==> flow/design.v <==
module alu_addsub #(
    parameter integer WD = 8
) (
    input logic clk_i,
    input logic nrst,
    input logic [WD-1:0] arg0_in,
    input logic sub_in,
    input logic clear_in,
    output logic [WD-1:0] result_out
);
    logic [WD-1:0] cnt;
    always_ff @(posedge clk_i or negedge nrst) begin
        if (~nrst) begin
            cnt <= '0;
        end else begin
            cnt <= clear_in ? arg0_in : sub_in ? cnt - arg0_in : cnt + arg0_in;
        end
    end
    assign result_out = cnt;
endmodule
# --- Step by step through the tools: alu_addsub ---
# The steps from the RTL of alu_addsub to its reports follow in flow order.
# Lines are those of the file above, counted from 1.
# Operators carry their Yosys type and port widths (W data, S select, Z words).
setup:
  top: "alu_addsub"
  clock: "clk_i"
  library: "sky130hd"
  lib_corner: "tt_025C_1v80"

# --- Word level ---
# Counts by Yosys on the flattened word-level netlist (proc, flatten, opt, wreduce; memories kept). Register bits leave out memories and registers merged into their read ports (data or address); mux counts leave out enables and synchronous resets folded into registers. Print and check cells are left out. Cells with the same type and inputs are merged into one.
classes:
  addsub: 2
  mul: 0
  div_mod_pow: 0
  compare: 0
  equal: 0
  shifts: 0
  mux: 2
  logic: 0
  reduce_and_logical: 0
ops:
  columns: ["operator", "count"]
  rows:
  - ["$mux W8", 2]
  - ["$add A8 B8 Y8", 1]
  - ["$sub A8 B8 Y8", 1]
bits:
  regBits: 8
  latch_bits: 0
  mem_bits_rw: 0
  mem_bits_ro: 0
  clocked_rd_ports_x_width: 0
  n_memories: 0
  inputBits: 12
  out_inout_bits: 8
  elab_cells: 5

# --- Longest topological paths ---
# Longest topological path by Yosys (ltp), each cell counted once; first at word level (registers and memories cut), then after technology mapping (sequential cells cut; the memories' decode and read muxes count).
depth:
  word_depth: 3
  ABC_AREA: 0
  mapped_depth: 11

# --- Synthesis result ---
# The flow's flattened synthesis, as Yosys stat reports it; memories are mapped. The netlist is that of the ABC_AREA named above (0 if unset); the other value can give another one.
# Totals and module areas in this step are rounded.
by_type:
  columns: ["type", "count", "type_area_um2"]
  rows:
  - ["sky130_fd_sc_hd__dfrtp_1", 8, 200.192]
  - ["sky130_fd_sc_hd__ha_1", 8, 100.096]
  - ["sky130_fd_sc_hd__xnor2_1", 9, 78.826]
  - ["sky130_fd_sc_hd__xor2_1", 4, 35.034]
  - ["sky130_fd_sc_hd__inv_1", 8, 30.029]
  - ["sky130_fd_sc_hd__a21oi_1", 5, 25.024]
  - ["sky130_fd_sc_hd__a31oi_1", 4, 25.024]
  - ["sky130_fd_sc_hd__a21o_1", 3, 22.522]
  - ["sky130_fd_sc_hd__nand2_1", 6, 22.522]
  - ["sky130_fd_sc_hd__fa_1", 1, 20.019]
  - ["sky130_fd_sc_hd__mux2i_1", 2, 20.019]
  - ["sky130_fd_sc_hd__nor3_2", 2, 20.019]
  - ["sky130_fd_sc_hd__o21ai_0", 4, 20.019]
  - ["sky130_fd_sc_hd__nor2_1", 4, 15.014]
  - ["sky130_fd_sc_hd__mux2_2", 1, 11.261]
  - ["sky130_fd_sc_hd__a31o_2", 1, 8.758]
  - ["sky130_fd_sc_hd__and4_1", 1, 8.758]
  - ["sky130_fd_sc_hd__clkbuf_1", 2, 7.507]
# Not listed: further types 3, cells in them 3.
synth_totals:
  cell_count: 76
  yosys_area_um2: 690
  seq_area_um2: 200
  flip_flops: 8

# --- Timing after synthesis ---
# Source: OpenSTA report_checks on the synthesized netlist (no wires, ideal clock, input and output delay 20% of the period each), path of least setup slack; recovery checks are left aside. Register names are those of the netlist, which keeps one name where synthesis merged equal registers.
synth_timing:
  path_type: "input to register"
  startpoint: "input arg0_in[0]"
  endpoint: "register cnt[7]"
  period_ps: 2850
  input_delay_ps: 570
  t_first_pin_ps: 570
  t_arrival_ps: 2267
  required_time_ps: 2725
  path_slack_ps: 458
  delay_ps: 1822
  driving_pins: 11
  synth_period_reached_ps: 2392
# "delay_ps" is the arrival time less input delay plus setup time.
# "driving_pins" counts driving pins, that of a launching flip-flop among them; a cell with two outputs on the path counts twice.
# "synth_period_reached_ps" = period - worst setup slack (recovery checks aside). The figure is calculated, with input and output delays left at 20% of the set period.
# The rows between start and end are the longest chain of elaborated cells between them; the timing report does not say that the signal goes this way. Where chains are equally long, one stands for them.
# A line is the first line of the expression or statement that the cell stems from. Yosys adds cells for indexed reads and writes and turns some case tables into memories.
synth_between:
  path_cell_list: "sky130_fd_sc_hd__inv_1 > sky130_fd_sc_hd__ha_1 > sky130_fd_sc_hd__a31oi_1 > sky130_fd_sc_hd__xnor2_1 > sky130_fd_sc_hd__ha_1 > sky130_fd_sc_hd__a21o_1 > sky130_fd_sc_hd__a31o_2 > sky130_fd_sc_hd__a21oi_1 > sky130_fd_sc_hd__xnor2_1 > sky130_fd_sc_hd__nor2_1 > sky130_fd_sc_hd__xor2_1"
  elab_chain_cells: 3
synth_lines:
  columns: ["element", "line", "rtl"]
  rows:
  - ["start: declaration", 6, "input logic [WD-1:0] arg0_in,"]
  - ["$add A8 B8 Y8", 16, "cnt <= clear_in ? arg0_in : sub_in ? cnt - arg0_in : cnt + arg0_in;"]
  - ["$mux W8 x2", 16, null]
  - ["end: assignment", 14, "cnt <= '0;"]
  - ["end: assignment", 16, null]
  - ["end: declaration", 11, "logic [WD-1:0] cnt;"]

# --- Path in the finished layout ---
# From the final timing report of flow run A: the path of least setup slack in the routed layout; clock arrival at registers is part of the times.
# The path's times are printed in steps of 10 ps; the period is the one set.
layout_timing:
  path_type: "input to register"
  startpoint: "input arg0_in[0]"
  endpoint: "register cnt[7]"
  period_ps: 2240
  input_delay_ps: 450
  t_first_pin_ps: 450
  t_arrival_ps: 2310
  required_time_ps: 2380
  path_slack_ps: 70
  driving_pins: 12
# The rows between start and end are the longest chain of elaborated cells between them; the timing report does not say that the signal goes this way. Where chains are equally long, one stands for them.
layout_between:
  path_cell_list: "sky130_fd_sc_hd__buf_4 > sky130_fd_sc_hd__inv_2 > sky130_fd_sc_hd__ha_4 > sky130_fd_sc_hd__a31oi_4 > sky130_fd_sc_hd__xnor2_1 > sky130_fd_sc_hd__ha_1 > sky130_fd_sc_hd__a21o_1 > sky130_fd_sc_hd__a31o_2 > sky130_fd_sc_hd__a21oi_2 > sky130_fd_sc_hd__xnor2_1 > sky130_fd_sc_hd__nor2_1 > sky130_fd_sc_hd__xor2_1"
  elab_chain_cells: 3
layout_lines:
  columns: ["element", "line", "rtl"]
  rows:
  - ["start: declaration", 6, "input logic [WD-1:0] arg0_in,"]
  - ["$add A8 B8 Y8", 16, "cnt <= clear_in ? arg0_in : sub_in ? cnt - arg0_in : cnt + arg0_in;"]
  - ["$mux W8 x2", 16, null]
  - ["end: assignment", 14, "cnt <= '0;"]
  - ["end: assignment", 16, null]
  - ["end: declaration", 11, "logic [WD-1:0] cnt;"]

# Module alu_addsub, platform sky130hd: 3 stored runs of the flow (Yosys, OpenROAD) with differing settings, in no particular order. Input and output delays are each 20% of the period that was set; the output load is 0.01 pF.
# "worst_setup_path_time_ps" = time allowed to the worst setup path (clock period - input delay - output delay, where it has them) - its slack; a late launch clock adds to it, a late capture clock takes from it.
# "power_total_uw" rests on the timing tool's default activity at the inputs, not on a simulated workload.
# "worst_setup_path_time_ps" is known to 10 ps.
# Measured values are rounded.
runs:
  - name: "flow run A"
    settings:
      period_ns: 2.24
      CORE_UTILIZATION: 52
      PLACE_DENSITY_LB_ADDON: 0.29
      CORE_ASPECT_RATIO: 1.46
      CORE_MARGIN: 3
      GPL_TIMING_DRIVEN: 0
      GPL_ROUTABILITY_DRIVEN: 0
      CTS_CLUSTER_SIZE: 87
      SLEW_MARGIN: 30
      CAP_MARGIN: 20
    results:
      post_synth_area_um2: 690
      die_um2: 1800
      final_stdcell_area_um2: 1000
      worstSetupSlack_ps: 73
      tns_ps: 0
      power_total_uw: 1100
      worst_setup_path_time_ps: 1720
      critical_path_kind: "input to register"
  - name: "flow run B"
    settings:
      period_ns: 2.8
      CORE_UTILIZATION: 20
      PLACE_DENSITY: 0.44
      CORE_ASPECT_RATIO: 1.41
      CELL_PAD_IN_SITES_GLOBAL_PLACEMENT: 1
      TNS_END_PERCENT: 70
      CTS_CLUSTER_DIAMETER: 226
      MAX_ROUTING_LAYER: "met4"
      CAP_MARGIN: 20
      CORE_MARGIN: 2
      SLEW_MARGIN: 20
    results:
      post_synth_area_um2: 690
      die_um2: 3900
      final_stdcell_area_um2: 1200
      worstSetupSlack_ps: 100
      tns_ps: 0
      power_total_uw: 950
      worst_setup_path_time_ps: 2140
      critical_path_kind: "input to register"
  - name: "flow run C"
    settings:
      period_ns: 2.85
      CAP_MARGIN: 20
      CORE_MARGIN: 2
      CORE_UTILIZATION: 40
      SLEW_MARGIN: 20
    results:
      post_synth_area_um2: 690
      die_um2: 2100
      final_stdcell_area_um2: 1000
      worstSetupSlack_ps: 170
      tns_ps: 0
      power_total_uw: 850
      worst_setup_path_time_ps: 2110
      critical_path_kind: "input to register"
